==> flow/design.v <==
module cpu_mult_rtl_pp_row #(parameter N = 4) (
    input wire [N-1:0] a,
    input wire sel,
    input wire [N-1:0] pin,
    output wire [N:0] pout
);
    assign pout = pin + (a & {N{sel}});
endmodule
module cpu_mult_rtl #(
    parameter W = 6
) (
    input wire ck,
    input wire i_rst_n,
    input wire [W-1:0] in_first,
    input wire [W-1:0] in_second,
    output wire [2*W-1:0] out_res
);
    reg [W-1:0] first_reg;
    reg [W-1:0] second_reg;
    always @(posedge ck) begin
        if (~i_rst_n) begin
            first_reg <= 0;
            second_reg <= 0;
        end else begin
            first_reg <= in_first;
            second_reg <= in_second;
        end
    end
    wire [W:0] node [0:W];
    wire [W-1:0] lo;
    assign node[0] = 0;
    genvar k;
    generate
        for (k = 0; k < W; k = k + 1) begin : stage
            cpu_mult_rtl_pp_row #(.N(W)) el (.a(first_reg), .sel(second_reg[k]), .pin(node[k][W:1]), .pout(node[k+1]));
            assign lo[k] = node[k+1][0];
        end
    endgenerate
    assign out_res = {node[W][W:1], lo};
endmodule
* Step by step through the tools: cpu_mult_rtl *
Tool output for the design above, in the order of the flow.
Lines are those of the file above, counted from 1.
Operators: Yosys type, input widths -> output width; for muxes data width and select width s.
Library cell names are shortened.
The mark n/a stands for no value.

design
  top = cpu_mult_rtl
  clock input = ck
  cell library = sky130hd
  library corner = tt_025C_1v80

* Word-level counts *
Counts by Yosys on the flattened word-level netlist (proc, flatten, opt, wreduce; memories kept). Register bits leave out memories and registers merged into their read ports (data or address); mux counts leave out enables and synchronous resets folded into registers. Print and check cells are left out. Cells with the same type and inputs are merged into one.

cells by class
  $add $sub $neg = 5
  bitwise gates (word level) = 6

operators with widths
  cell         number
  $and 6x6->6  6
  $add 6x7->7  4
  $add 5x7->7  1

bit counts
  register bits after elaboration = 12
  input port bits = 14
  output and inout bits = 12
  word-level cells = 13

* Depth *
Depth = most cells in a row (Yosys ltp): at word level without a register or memory, in the mapped netlist without a sequential cell, where the memories' decode and read muxes count.

logic depth
  depth after elaboration = 6
  ABC_AREA = 0
  depth in mapped cells = 25
  mapped depth without buffers = 25

* Mapped cells and area *
Source: synth_stat.txt of the flow (Yosys; design flattened, memories mapped). It holds for the ABC_AREA given above (unset counts as 0); a run with the other value may have another netlist.

cells by type
  type      number  total area (µm²)
  ha_1      29      362.848
  and2_1    45      281.52
  dfxtp_1   12      240.23
  xnor2_1   12      105.101
  fa_1      5       100.096
  o21ai_0   13      65.062
  a211oi_2  5       62.56
  a21o_1    7       52.55
  a21oi_1   10      50.048
  o21bai_1  5       37.536
  xor2_1    4       35.034
  a211oi_1  4       30.029
  inv_1     8       30.029
  a21oi_2   3       26.275
  nand2b_1  4       25.024
  nor2_1    6       22.522
  o31a_1    2       17.517
  o21a_1    2       15.014

Other cell types: 6; their cells: 10.

mapped netlist
  cell count = 186
  synthesis area = 0.0016103 mm²
  area of sequential cells = 0.0002402 mm²
  flip-flops = 12
  buffers = 1

The figures by module come from a second, unflattened synthesis with its own total; it is not the netlist above.

second synthesis, totals
  cell total of the unflattened synthesis = 230
  area (unflattened synthesis) = 0.0020069 mm²

Rows give one instance, submodules left out.

by module
  module                     times used  cells  area (mm²)  sequential area (mm²)
  cpu_mult_rtl_pp_row (N=6)  6           34     0.0002778   0
  cpu_mult_rtl               1           26     0.0003403   0.0002402

* Path before layout *
OpenSTA on the mapped netlist: ideal clock, no wires. The path of least setup slack (recovery checks aside). Input and output delay are each 20% of the period. Register names are those of the netlist, which keeps one name where synthesis merged equal registers.

path after synthesis
  kind = register -> output
  start point = register first_reg[1]
  end point = output port out_res[11]
  period = 7.1 ns
  output delay = 1.420 ns
  launch time at the first pin = 0.000 ns
  data arrival time = 4.544 ns
  required time = 5.680 ns
  path slack = 1.136 ns
  path delay = 4.544 ns
  stages on the path = 19
  path buffers = 0
  synthesis period reached = 5.964 ns

"path delay" is the arrival time less input delay plus setup time.
A path that ends at an output port has no setup time.
"stages on the path" counts driving pins, that of a launching flip-flop among them; a cell with two outputs on the path counts twice.
"synthesis period reached" = period - worst setup slack (recovery checks aside). The figure is calculated, with input and output delays left at 20% of the set period.
The rows between start and end are the longest chain of elaborated cells between them; the timing report does not say that the signal goes this way. Where chains are equally long, one stands for them.
Each line given opens the expression or statement behind the cell; cells for indexed reads and writes are added by Yosys, which also makes memories of some case tables.

between the ends, after synthesis
  cell sequence = dfxtp_1 and2_1 ha_1 fa_1 ha_1 fa_1 xor2_1 inv_1 fa_1 xnor2_1 inv_1 fa_1 inv_1 ha_1 fa_1 a211oi_1 nor2_1 o21ai_0 nand2b_1
  length of the longest elaborated chain = 6
  elaborated cells between the ends (all ways) = 11
  RTL lines with such cells = 1
  those cells by class = add/sub: 5; logic: 6

RTL lines, path after synthesis
  element                   line  text
  start: declaration        18    reg [W-1:0] first_reg;
  start: assignment         22    first_reg <= 0;
  start: assignment         25    first_reg <= in_first;
  $and 6x6->6               7     assign pout = pin + (a & {N{sel}});
  $add 5x7->7               7
  $add 6x7->7 (4 in a row)  7
  end: declaration          16    output wire [2*W-1:0] out_res

* Timing after layout *
From the final timing report of run A: the path of least setup slack in the routed layout; clock arrival at registers is part of the times.

path post-layout
  kind = register -> output
  start point = register second_reg[0]
  end point = output port out_res[10]
  period = 5.26 ns
  output delay = 1.05 ns
  launch time at the first pin = 0.24 ns
  data arrival time = 5.13 ns
  required time = 4.21 ns
  path slack = -0.92 ns
  stages on the path = 26
  path buffers = 3

The rows between start and end are the longest chain of elaborated cells between them; the timing report does not say that the signal goes this way. Where chains are equally long, one stands for them.

between the ends, post-layout
  cell sequence = dfxtp_2 and2_4 ha_4 fa_2 a21o_1 a21oi_2 xnor2_1 ha_1 buf_6 a211oi_2 nor2_1 ha_1 o21ai_1 o21bai_1 a21oi_2 xnor2_1 ha_1 buf_4 nor2_1 a21oi_2 ha_4 o21ai_2 o21bai_1 a21oi_1 xnor2_1 buf_2
  length of the longest elaborated chain = 6
  elaborated cells between the ends (all ways) = 6
  RTL lines with such cells = 1
  those cells by class = add/sub: 5; logic: 1

RTL lines, path post-layout
  element                   line  text
  start: declaration        19    reg [W-1:0] second_reg;
  start: assignment         23    second_reg <= 0;
  start: assignment         26    second_reg <= in_second;
  $and 6x6->6               7     assign pout = pin + (a & {N{sel}});
  $add 5x7->7               7
  $add 6x7->7 (4 in a row)  7
  end: declaration          16    output wire [2*W-1:0] out_res

Data sheet: physical implementation of cpu_mult_rtl

Top module cpu_mult_rtl; platform sky130hd; tools Yosys and OpenROAD; 3 stored runs in no particular order. Input and output delays are each 20% of the period that was set; the output load is 0.01 pF.
"achieved clock period" = clock period - worst setup slack. The figure is calculated, with input and output delays left at 20% of the set period.
"worst path time": the worst setup path's part of the clock period (all of it between registers, 20% less for each end at a port) less its slack. A launch clock that arrives late makes it longer, a capture clock that arrives late makes it shorter.
By "power" is meant OpenSTA's value without simulated activity: inputs other than the clock are taken to toggle once in ten clock periods, and the tool carries that through the logic.
Settings: n/a = not set for that run.

item                                    run A               run B               run C
period_ns                               5.26                7.06                7.1
CORE_UTILIZATION                        29                  31                  40
PLACE_DENSITY_LB_ADDON                  0.18                0.2                 n/a
CORE_ASPECT_RATIO                       0.57                n/a                 n/a
CELL_PAD_IN_SITES_DETAIL_PLACEMENT      2                   0                   n/a
GPL_ROUTABILITY_DRIVEN                  0                   n/a                 n/a
CTS_CLUSTER_SIZE                        77                  n/a                 n/a
MIN_ROUTING_LAYER                       met1                n/a                 n/a
CAP_MARGIN                              20                  20                  20
CORE_MARGIN                             2                   8                   2
SLEW_MARGIN                             20                  30                  20
SETUP_SLACK_MARGIN                      n/a                 0.94                n/a
CELL_PAD_IN_SITES_GLOBAL_PLACEMENT      n/a                 3                   n/a
TNS_END_PERCENT                         n/a                 55                  n/a
GPL_TIMING_DRIVEN                       n/a                 1                   n/a
MAX_ROUTING_LAYER                       n/a                 met4                n/a
standard-cell area after routing (mm²)  0.0026038           0.0024599           0.002032
power (uW)                              345.9               227.8               205.1
setup slack of the critical path (ns)   -0.920              0.733               0.314
final utilization                       0.488               0.485               0.515
worst path time (ns)                    5.13                4.91                5.37
class of the worst setup path           register -> output  register -> output  register -> output
setup TNS (ns)                          -4.174              0.000               0.000
cell area after synthesis (mm²)         0.0016103           0.0016103           0.0016103
achieved clock period (ns)              6.180               6.327               6.786
full die area (mm²)                     0.0061887           0.0077563           0.0045495
post-route worst hold slack (ns)        1.379               1.731               1.760
